==> flow/design.v <==
module add_core #(
    parameter int DATA_WIDTH = 32
) (
    input  logic i_clk,
    input  logic rst_i,
    input  logic [DATA_WIDTH-1:0] A,
    input  logic [DATA_WIDTH-1:0] B,
    output logic [DATA_WIDTH-1:0] q,
    output logic carry_out
);
    logic [DATA_WIDTH-1:0] A_d1;
    always_ff @(posedge i_clk) begin
        if (rst_i) begin
            A_d1 <= 0;
        end else begin
            A_d1 <= A;
        end
    end
    logic [DATA_WIDTH-1:0] B_d1;
    always_ff @(posedge i_clk) begin
        if (rst_i) begin
            B_d1 <= 0;
        end else begin
            B_d1 <= B;
        end
    end
    logic [DATA_WIDTH-1:0] g;
    logic [DATA_WIDTH-1:0] p;
    always_comb begin
        g = A_d1 & B_d1;
        p = A_d1 ^ B_d1;
        for (int k = 1; k < DATA_WIDTH; k = k * 2) begin
            g = g | (p & (g << k));
            p = p & (p << k);
        end
    end
    assign q = A_d1 ^ B_d1 ^ {g[DATA_WIDTH-2:0], 1'b0};
    assign carry_out = g[DATA_WIDTH-1];
endmodule
---- Step by step through the tools: add_core ----
Tool output for the design above, in the order of the flow.
Line numbers count from 1 in the design file above.
Cell names lack the library's common part.
Not given: n/a
inputs
  top module .............................. add_core
  clock port .............................. i_clk
  cell library ............................ sky130hd
  library corner .......................... tt_025C_1v80

---- Word level ----
Yosys after proc, flatten, opt, wreduce and memory -nomap, before mapping. Enables and synchronous resets that opt folds into registers are not counted as muxes. Memory bits, and registers merged into a memory's read port (data or address), are not among the register bits. Print and check cells are not counted. Equal cells are merged and count once.
bit counts
  register bits ........................... 64
  word-level cells ........................ 19
operators by class
  bitwise gates (word level) .............. 17
operator list
  kind                count
  bitwise AND 32 bit  10
  bitwise OR 32 bit   5
  bitwise XOR 32 bit  2

---- Longest topological paths ----
Depth = most cells in a row (Yosys ltp): at word level without a register or memory, in the mapped netlist without a sequential cell, where the memories' decode and read muxes count.
logic depth
  depth in word-level cells ............... 12
  ABC_AREA ................................ 0
  gate-level depth with buffers ........... 10
  depth with buffers taken out ............ 10

---- After synthesis ----
The flow's flattened synthesis, as Yosys stat reports it; memories are mapped. The netlist is that of the ABC_AREA named above (0 if unset); the other value can give another one.
The area totals of this step are shown rounded.
cells by type
  type      count  total area (sq um)
  dfxtp_1   64     1.28E+03
  nor2b_1   65     406.64
  ha_1      32     400.384
  xnor2_1   19     166.41
  a21oi_1   30     150.144
  nand2_1   25     93.84
  xor2_1    10     87.584
  o21ai_0   14     70.067
  a21o_1    8      60.058
  nor2_1    13     48.797
  nand4_1   7      43.792
  clkbuf_1  10     37.536
  inv_1     10     37.536
  a41oi_2   2      32.531
  a31oi_1   5      31.28
  nand3_1   6      30.029
  o21a_1    4      30.029
  and2_1    4      25.024
Not listed: further types 32, cells in them 48.
synthesis totals
  mapped flip-flops ....................... 64
  cells in the netlist .................... 376
  buffers ................................. 13
  synthesis area .......................... 3,452 sq um

---- Timing after synthesis ----
Path of least setup slack by OpenSTA after synthesis, without wires, with an ideal clock, recovery checks aside; 20% of the period is set as input and as output delay. Where synthesis merged equal registers, the netlist keeps one of their names.
timing after synthesis
  path type ............................... register to output
  from .................................... register A_d1[0]
  to ...................................... output port q[28]
  driving pins on the path ................ 11
  path delay .............................. 2.126 ns
  arrival time ............................ 2.126 ns
  slack ................................... 0.530 ns
  period .................................. 3.32 ns
  external output delay ................... 0.664 ns
  synthesis period reached ................ 2.79 ns
"path delay" = arrival - input delay + setup time.
At an output port there is no setup time.
"driving pins on the path": output pins that drive a net of the path, with the launching flip-flop's if there is one; two outputs of one cell count as two.
"synthesis period reached" = period - worst setup slack (recovery checks aside). The figure is calculated, with input and output delays left at 20% of the set period.
The rows between start and end are the longest chain of elaborated cells between them; the timing report does not say that the signal goes this way. Where chains are equally long, one stands for them.
A line is the first line of the expression or statement that the cell stems from. Yosys adds cells for indexed reads and writes and turns some case tables into memories.
on the way, after synthesis
  cells stage by stage .................... dfxtp_1 > ha_1 > inv_1 > fa_1 > nor2b_1 > o21a_1 > a311o_4 > a31oi_4 > o211ai_2 > a41oi_2 > xnor2_1
  length of the longest elaborated chain .. 11
ends and longest elaborated chain, after synthesis
  item                  line  source
  start, declared       11    logic [DATA_WIDTH-1:0] A_d1;
  start, assigned       14    A_d1 <= 0;
  start, assigned       16    A_d1 <= A;
  bitwise AND 32 bit    30    g = A_d1 & B_d1;
  bitwise AND 32 bit    33    g = g | (p & (g << k));
  bitwise OR 32 bit     33
  bitwise AND 32 bit    33
  bitwise OR 32 bit x2  33
  bitwise AND 32 bit    33
  bitwise OR 32 bit     33
  bitwise AND 32 bit    33
  bitwise OR 32 bit     33
  bitwise XOR 32 bit    37    assign q = A_d1 ^ B_d1 ^ {g[DATA_WIDTH-2:0], 1'b0};
  end, declared         8     output logic [DATA_WIDTH-1:0] q,

---- Path in the finished layout ----
Path of least setup slack in the final report of run 1 (OpenROAD, finished layout, wires in). Where an end is a register, its clock arrival counts in the times.
timing post-layout
  path type ............................... register to output
  from .................................... register A_d1[0]
  to ...................................... output port q[28]
  period .................................. 2.11 ns
  arrival time ............................ 2.60 ns
  external output delay ................... 0.42 ns
  slack ................................... -0.92 ns
  driving pins on the path ................ 13
The rows between start and end are the longest chain of elaborated cells between them; the timing report does not say that the signal goes this way. Where chains are equally long, one stands for them.
on the way, post-layout
  cells stage by stage .................... dfxtp_2 > ha_4 > inv_2 > fa_2 > nor2b_1 > o21a_1 > a311o_4 > a31oi_4 > o211ai_2 > buf_4 > a41oi_2 > xnor2_2 > buf_2
  length of the longest elaborated chain .. 11
ends and longest elaborated chain, post-layout
  item                  line  source
  start, declared       11    logic [DATA_WIDTH-1:0] A_d1;
  start, assigned       14    A_d1 <= 0;
  start, assigned       16    A_d1 <= A;
  bitwise AND 32 bit    30    g = A_d1 & B_d1;
  bitwise AND 32 bit    33    g = g | (p & (g << k));
  bitwise OR 32 bit     33
  bitwise AND 32 bit    33
  bitwise OR 32 bit x2  33
  bitwise AND 32 bit    33
  bitwise OR 32 bit     33
  bitwise AND 32 bit    33
  bitwise OR 32 bit     33
  bitwise XOR 32 bit    37    assign q = A_d1 ^ B_d1 ^ {g[DATA_WIDTH-2:0], 1'b0};
  end, declared         8     output logic [DATA_WIDTH-1:0] q,

3 stored runs of add_core in the flow (synthesis by Yosys, layout by OpenROAD, sky130hd cells), in arbitrary order. Constraints: input delay and output delay 20% of the set period each, output load 0.01 pF.
The measured numbers are rounded.

======== run 1 ========
==> flow/run.sh <==
#!/bin/bash
# the make line also repeats the synthesis and layout settings of config.mk as NAME=value (left out here)
make -C /OpenROAD-flow-scripts/flow DESIGN_CONFIG=/design/flow/config.mk WORK_HOME=/design/flow/orfs CLKGATE_MAP_FILE= finish
==> flow/config.mk <==
export PLATFORM = sky130hd
export DESIGN_NAME = add_core
export DESIGN_NICKNAME = add_core
export VERILOG_FILES = /design/flow/design.v
export SDC_FILE = /design/flow/constraint.sdc
export NUM_CORES = 4
export LEC_CHECK = 0
export ABC_AREA = 0
export CAP_MARGIN = 20
export CORE_MARGIN = 10
export CORE_UTILIZATION = 33
export CTS_CLUSTER_SIZE = 92
export GPL_ROUTABILITY_DRIVEN = 0
export GPL_TIMING_DRIVEN = 1
export MIN_ROUTING_LAYER = met1
export SETUP_SLACK_MARGIN = 0.52
export SLEW_MARGIN = 20
==> flow/constraint.sdc <==
create_clock -name core_clock -period 2.11 [get_ports {i_clk}]
set_input_delay 0.4220 -clock core_clock [delete_from_list [all_inputs] [get_ports {i_clk}]]
set_output_delay 0.4220 -clock core_clock [all_outputs]
set_load 0.01 [all_outputs]

-------- measured, run 1 --------
  die area ................................ 14,950 sq um
  post-route utilization .................. 0.574
  final setup TNS ......................... -20.22 ns
  Yosys chip area after synthesis ......... 3,452 sq um
  setup slack of the worst path ........... -0.916 ns

======== run 2 ========
==> flow/run.sh <==
#!/bin/bash
# the make line also repeats the synthesis and layout settings of config.mk as NAME=value (left out here)
make -C /OpenROAD-flow-scripts/flow DESIGN_CONFIG=/design/flow/config.mk WORK_HOME=/design/flow/orfs CLKGATE_MAP_FILE= finish
==> flow/config.mk <==
export PLATFORM = sky130hd
export DESIGN_NAME = add_core
export DESIGN_NICKNAME = add_core
export VERILOG_FILES = /design/flow/design.v
export SDC_FILE = /design/flow/constraint.sdc
export NUM_CORES = 4
export LEC_CHECK = 0
export CAP_MARGIN = 20
export CORE_MARGIN = 2
export CORE_UTILIZATION = 40
export SLEW_MARGIN = 20
==> flow/constraint.sdc <==
create_clock -name core_clock -period 3.32 [get_ports {i_clk}]
set_input_delay 0.6640 -clock core_clock [delete_from_list [all_inputs] [get_ports {i_clk}]]
set_output_delay 0.6640 -clock core_clock [all_outputs]
set_load 0.01 [all_outputs]

-------- measured, run 2 --------
  die area ................................ 9,390 sq um
  post-route utilization .................. 0.613
  final setup TNS ......................... -0.011 ns
  Yosys chip area after synthesis ......... 3,452 sq um
  setup slack of the worst path ........... -0.011 ns

======== run 3 ========
==> flow/run.sh <==
#!/bin/bash
# the make line also repeats the synthesis and layout settings of config.mk as NAME=value (left out here)
make -C /OpenROAD-flow-scripts/flow DESIGN_CONFIG=/design/flow/config.mk WORK_HOME=/design/flow/orfs CLKGATE_MAP_FILE= finish
==> flow/config.mk <==
export PLATFORM = sky130hd
export DESIGN_NAME = add_core
export DESIGN_NICKNAME = add_core
export VERILOG_FILES = /design/flow/design.v
export SDC_FILE = /design/flow/constraint.sdc
export NUM_CORES = 4
export LEC_CHECK = 0
export ABC_AREA = 0
export CAP_MARGIN = 25
export CELL_PAD_IN_SITES_DETAIL_PLACEMENT = 2
export CORE_MARGIN = 2
export CORE_UTILIZATION = 71
export CTS_CLUSTER_SIZE = 19
export PLACE_DENSITY_LB_ADDON = 0.12
export SLEW_MARGIN = 20
export TNS_END_PERCENT = 100
==> flow/constraint.sdc <==
create_clock -name core_clock -period 4.67 [get_ports {i_clk}]
set_input_delay 0.9340 -clock core_clock [delete_from_list [all_inputs] [get_ports {i_clk}]]
set_output_delay 0.9340 -clock core_clock [all_outputs]
set_load 0.01 [all_outputs]

-------- run 3 --------
  unfinished; error FLW-0024 in placement
